==> flow/design.v <==
module alu_addsub_p (ck, adv, src1, src2, minus, q, carry);
  parameter BITS = 80;
  input ck;
  input adv;
  input signed [BITS-1:0] src1;
  input signed [BITS-1:0] src2;
  input minus;
  output [BITS-1:0] q;
  output carry;
  reg signed [BITS-1:0] src1_s;
  reg signed [BITS-1:0] src2_s;
  reg minus_s;
  always @(posedge ck) begin
    if (adv) begin
      src1_s <= src1;
      src2_s <= src2;
      minus_s <= minus;
    end
  end
  wire [BITS-1:0] t2;
  assign t2 = src2_s ^ {BITS{minus_s}};
  wire [BITS-1:0] t;
  assign t = $unsigned(src1_s) + t2 + minus_s;
  assign q = t[BITS-1:0];
  assign carry = (src1_s[BITS-1] == t2[BITS-1]) && (t[BITS-1] != src1_s[BITS-1]);
endmodule
* Reports on alu_addsub_p
Tool output for the design above, in the order of the flow.
Line numbers count from 1 in the design file above.
Operators carry their Yosys type and port widths (W data, S select, Z words).
Library cell names are shortened.
A cell with - has no value.
- Top module :: alu_addsub_p
- Clock :: ck
- Standard-cell library :: sky130hd
- Timing corner :: tt_025C_1v80

* After elaboration
Yosys after proc, flatten, opt, wreduce and memory -nomap, before mapping. Enables and synchronous resets that opt folds into registers are not counted as muxes. Memory bits, and registers merged into a memory's read port (data or address), are not among the register bits. Print and check cells are not counted. Equal cells are merged and count once.
- Flip-flop bits (word level) :: 161
- Bits in latches :: 0
- Memory bits (writable) :: 0
- Bits in read-only memories :: 0
- Clocked read ports x word width :: 0
- Memories :: 0
- Input bits :: 163
- Output and inout port bits :: 81
- Word-level cells :: 9
- $add $sub $neg :: 2
- Multipliers :: 0
- Div/mod/pow operators :: 0
- $lt $le $gt $ge :: 0
- Eq/ne operators :: 2
- Shift operators :: 0
- Muxes and demuxes :: 0
- Bitwise operators :: 1
- Reduce/logical cells :: 1
** Operator list (count)
- $add A80 B1 Y80 :: 1
- $add A80 B80 Y80 :: 1
- $xor A80 B80 Y80 :: 1
- $eq A1 B1 Y1 :: 1
- $ne A1 B1 Y1 :: 1
- $logic_and A1 B1 Y1 :: 1

* Logic depth
Longest topological path by Yosys (ltp), each cell counted once; first at word level (registers and memories cut), then after technology mapping (sequential cells cut; the memories' decode and read muxes count).
- Depth after elaboration :: 5
- ABC_AREA :: 0
- Gate-level depth with buffers :: 15
- Gate-level depth less buffers :: 12

* Mapped cells and area
The flow's flattened synthesis, as Yosys stat reports it; memories are mapped. The netlist is that of the ABC_AREA named above (0 if unset); the other value can give another one.
** Cells by type
- edfxtp_1 :: count 161, area in all 4.83E+03 um^2
- ha_1 :: count 78, area in all 975.936 um^2
- xor2_1 :: count 105, area in all 919.632 um^2
- a21oi_1 :: count 103, area in all 515.494 um^2
- xnor2_1 :: count 50, area in all 437.92 um^2
- nand2_1 :: count 80, area in all 300.288 um^2
- o21ai_0 :: count 54, area in all 270.259 um^2
- o21bai_1 :: count 29, area in all 217.709 um^2
- a21o_1 :: count 28, area in all 210.202 um^2
- nand4_1 :: count 33, area in all 206.448 um^2
- nor2_1 :: count 52, area in all 195.187 um^2
- inv_1 :: count 27, area in all 101.347 um^2
- nand3_1 :: count 18, area in all 90.086 um^2
- buf_2 :: count 17, area in all 85.082 um^2
- nor3_1 :: count 17, area in all 85.082 um^2
- clkbuf_8 :: count 6, area in all 82.579 um^2
- a211oi_1 :: count 9, area in all 67.565 um^2
- a21oi_2 :: count 6, area in all 52.55 um^2
Other cell types: 58; their cells: 153.
- Standard cells after synthesis :: 1026
- Cell area after synthesis :: 10842.9 um^2
- Area of sequential cells :: 4834.6 um^2
- Mapped flip-flops :: 161
- Buffer cells :: 54

* Timing after synthesis
Path of least setup slack by OpenSTA after synthesis, without wires, with an ideal clock, recovery checks aside; 20% of the period is set as input and as output delay. Where synthesis merged equal registers, the netlist keeps one of their names.
- Path kind :: reg2out
- From :: register minus_s
- To :: output carry
- Clock period :: 5.63 ns
- Arrival time :: 3.606 ns
- Setup slack :: 0.898 ns
- Delay of the path :: 3.606 ns
- Driving pins on the path :: 16
- Buffers on the path :: 4
- Synthesis period reached :: 4.732 ns
"delay of the path" = arrival - input delay + setup time.
A path that ends at an output port has no setup time.
"driving pins on the path": output pins that drive a net of the path, with the launching flip-flop's if there is one; two outputs of one cell count as two.
"synthesis period reached" is the clock period less the worst setup slack; recovery checks do not enter. This is arithmetic on one report: input and output delays are still those of the set period (20% each).
The rows between start and end are the longest chain of elaborated cells between them; the timing report does not say that the signal goes this way. Where chains are equally long, one stands for them.
Each line given opens the expression or statement behind the cell; cells for indexed reads and writes are added by Yosys, which also makes memories of some case tables.
- Path through :: edfxtp_1 buf_2 buf_1 buf_1 xor2_1 ha_1 clkbuf_1 nand2_1 o21ai_1 o211ai_1 a31oi_2 nor2_4 a211oi_2 o41ai_2 o41ai_2 mux2i_1
- Cells in the longest elaborated chain :: 5
- Elaborated cells on any way between the ends :: 6
- RTL lines with such cells :: 3
- Classes of those cells :: 2 x add/sub; 2 x eq/ne; 1 x logic; 1 x reduce/logical
** RTL lines, path after synthesis
- start, declared :: line 12 : reg minus_s;
- start, assigned :: line 17 : minus_s <= minus;
- $xor A80 B80 Y80 :: line 21 : assign t2 = src2_s ^ {BITS{minus_s}};
- $add A80 B80 Y80 :: line 23 : assign t = $unsigned(src1_s) + t2 + minus_s;
- $add A80 B1 Y80 :: line 23
- $ne A1 B1 Y1 :: line 25 : assign carry = (src1_s[BITS-1] == t2[BITS-1]) && (t[BITS-1] != src1_s[BITS-1]);
- $logic_and A1 B1 Y1 :: line 25
- end, declared :: line 9 : output carry;

* Timing after layout
Path of least setup slack in the final report of entry A (OpenROAD, finished layout, wires in). Where an end is a register, its clock arrival counts in the times.
- Path kind :: reg2out
- From :: register minus_s
- To :: output q[68]
- Clock period :: 5.63 ns
- Arrival time :: 4.41 ns
- Setup slack :: 0.09 ns
- Driving pins on the path :: 16
- Buffers on the path :: 4
The rows between start and end are the longest chain of elaborated cells between them; the timing report does not say that the signal goes this way. Where chains are equally long, one stands for them.
- Path through :: edfxtp_1 buf_4 clkbuf_16 xor2_1 ha_1 a21oi_1 o21bai_1 a22oi_1 nand4_1 o211ai_1 buf_4 a21oi_2 nor3_1 o21ai_1 xor2_1 clkdlybuf4s50_1
- Cells in the longest elaborated chain :: 3
- Elaborated cells on any way between the ends :: 3
- RTL lines with such cells :: 2
- Classes of those cells :: 2 x add/sub; 1 x logic
** RTL lines, path post-layout
- start, declared :: line 12 : reg minus_s;
- start, assigned :: line 17 : minus_s <= minus;
- $xor A80 B80 Y80 :: line 21 : assign t2 = src2_s ^ {BITS{minus_s}};
- $add A80 B80 Y80 :: line 23 : assign t = $unsigned(src1_s) + t2 + minus_s;
- $add A80 B1 Y80 :: line 23
- end, declared :: line 8 : output [BITS-1:0] q;

Record of 3 stored runs of the RTL-to-layout flow on alu_addsub_p, platform sky130hd. The runs are unordered. Constraints: input delay and output delay 20% of the set period each, output load 0.01 pF.
By "overall power" is meant OpenSTA's value without simulated activity: inputs other than the clock are taken to toggle once in ten clock periods, and the tool carries that through the logic.

** Entry A
- Settings :: period_ns=5.63; CAP_MARGIN=20; CORE_MARGIN=2; CORE_UTILIZATION=40; SLEW_MARGIN=20
- Cell area after synthesis :: 10842.9 um^2
- Overall power :: 5.294 mW
- Post-route worst hold slack :: 1.229 ns
- Std-cell area (final layout) :: 14711.6 um^2
- Setup slack of the worst path :: 0.095 ns
- Final design utilization :: 0.549
- Die area :: 28439.4 um^2

** Entry B
- Settings :: period_ns=4.66; CORE_UTILIZATION=44; SETUP_SLACK_MARGIN=-0.11; PLACE_DENSITY_LB_ADDON=0.28; CORE_MARGIN=10; ABC_AREA=1; GPL_ROUTABILITY_DRIVEN=1; CTS_CLUSTER_SIZE=47; MIN_ROUTING_LAYER=met1; CAP_MARGIN=20; SLEW_MARGIN=20
- Final design utilization :: 0.593
- Std-cell area (final layout) :: 16533.4 um^2
- Die area :: 35455.0 um^2
- Post-route worst hold slack :: 1.025 ns
- Overall power :: 6.644 mW
- Setup slack of the worst path :: -0.196 ns
- Cell area after synthesis :: 12462.0 um^2

** Entry C
- Settings :: period_ns=4.61; CORE_UTILIZATION=52; SETUP_SLACK_MARGIN=1.29; CELL_PAD_IN_SITES_GLOBAL_PLACEMENT=2; CELL_PAD_IN_SITES_DETAIL_PLACEMENT=1; GPL_TIMING_DRIVEN=0; CAP_MARGIN=35; SLEW_MARGIN=25; MIN_ROUTING_LAYER=met1; CORE_MARGIN=2
- Outcome :: unfinished; error GPL-0301 in placement
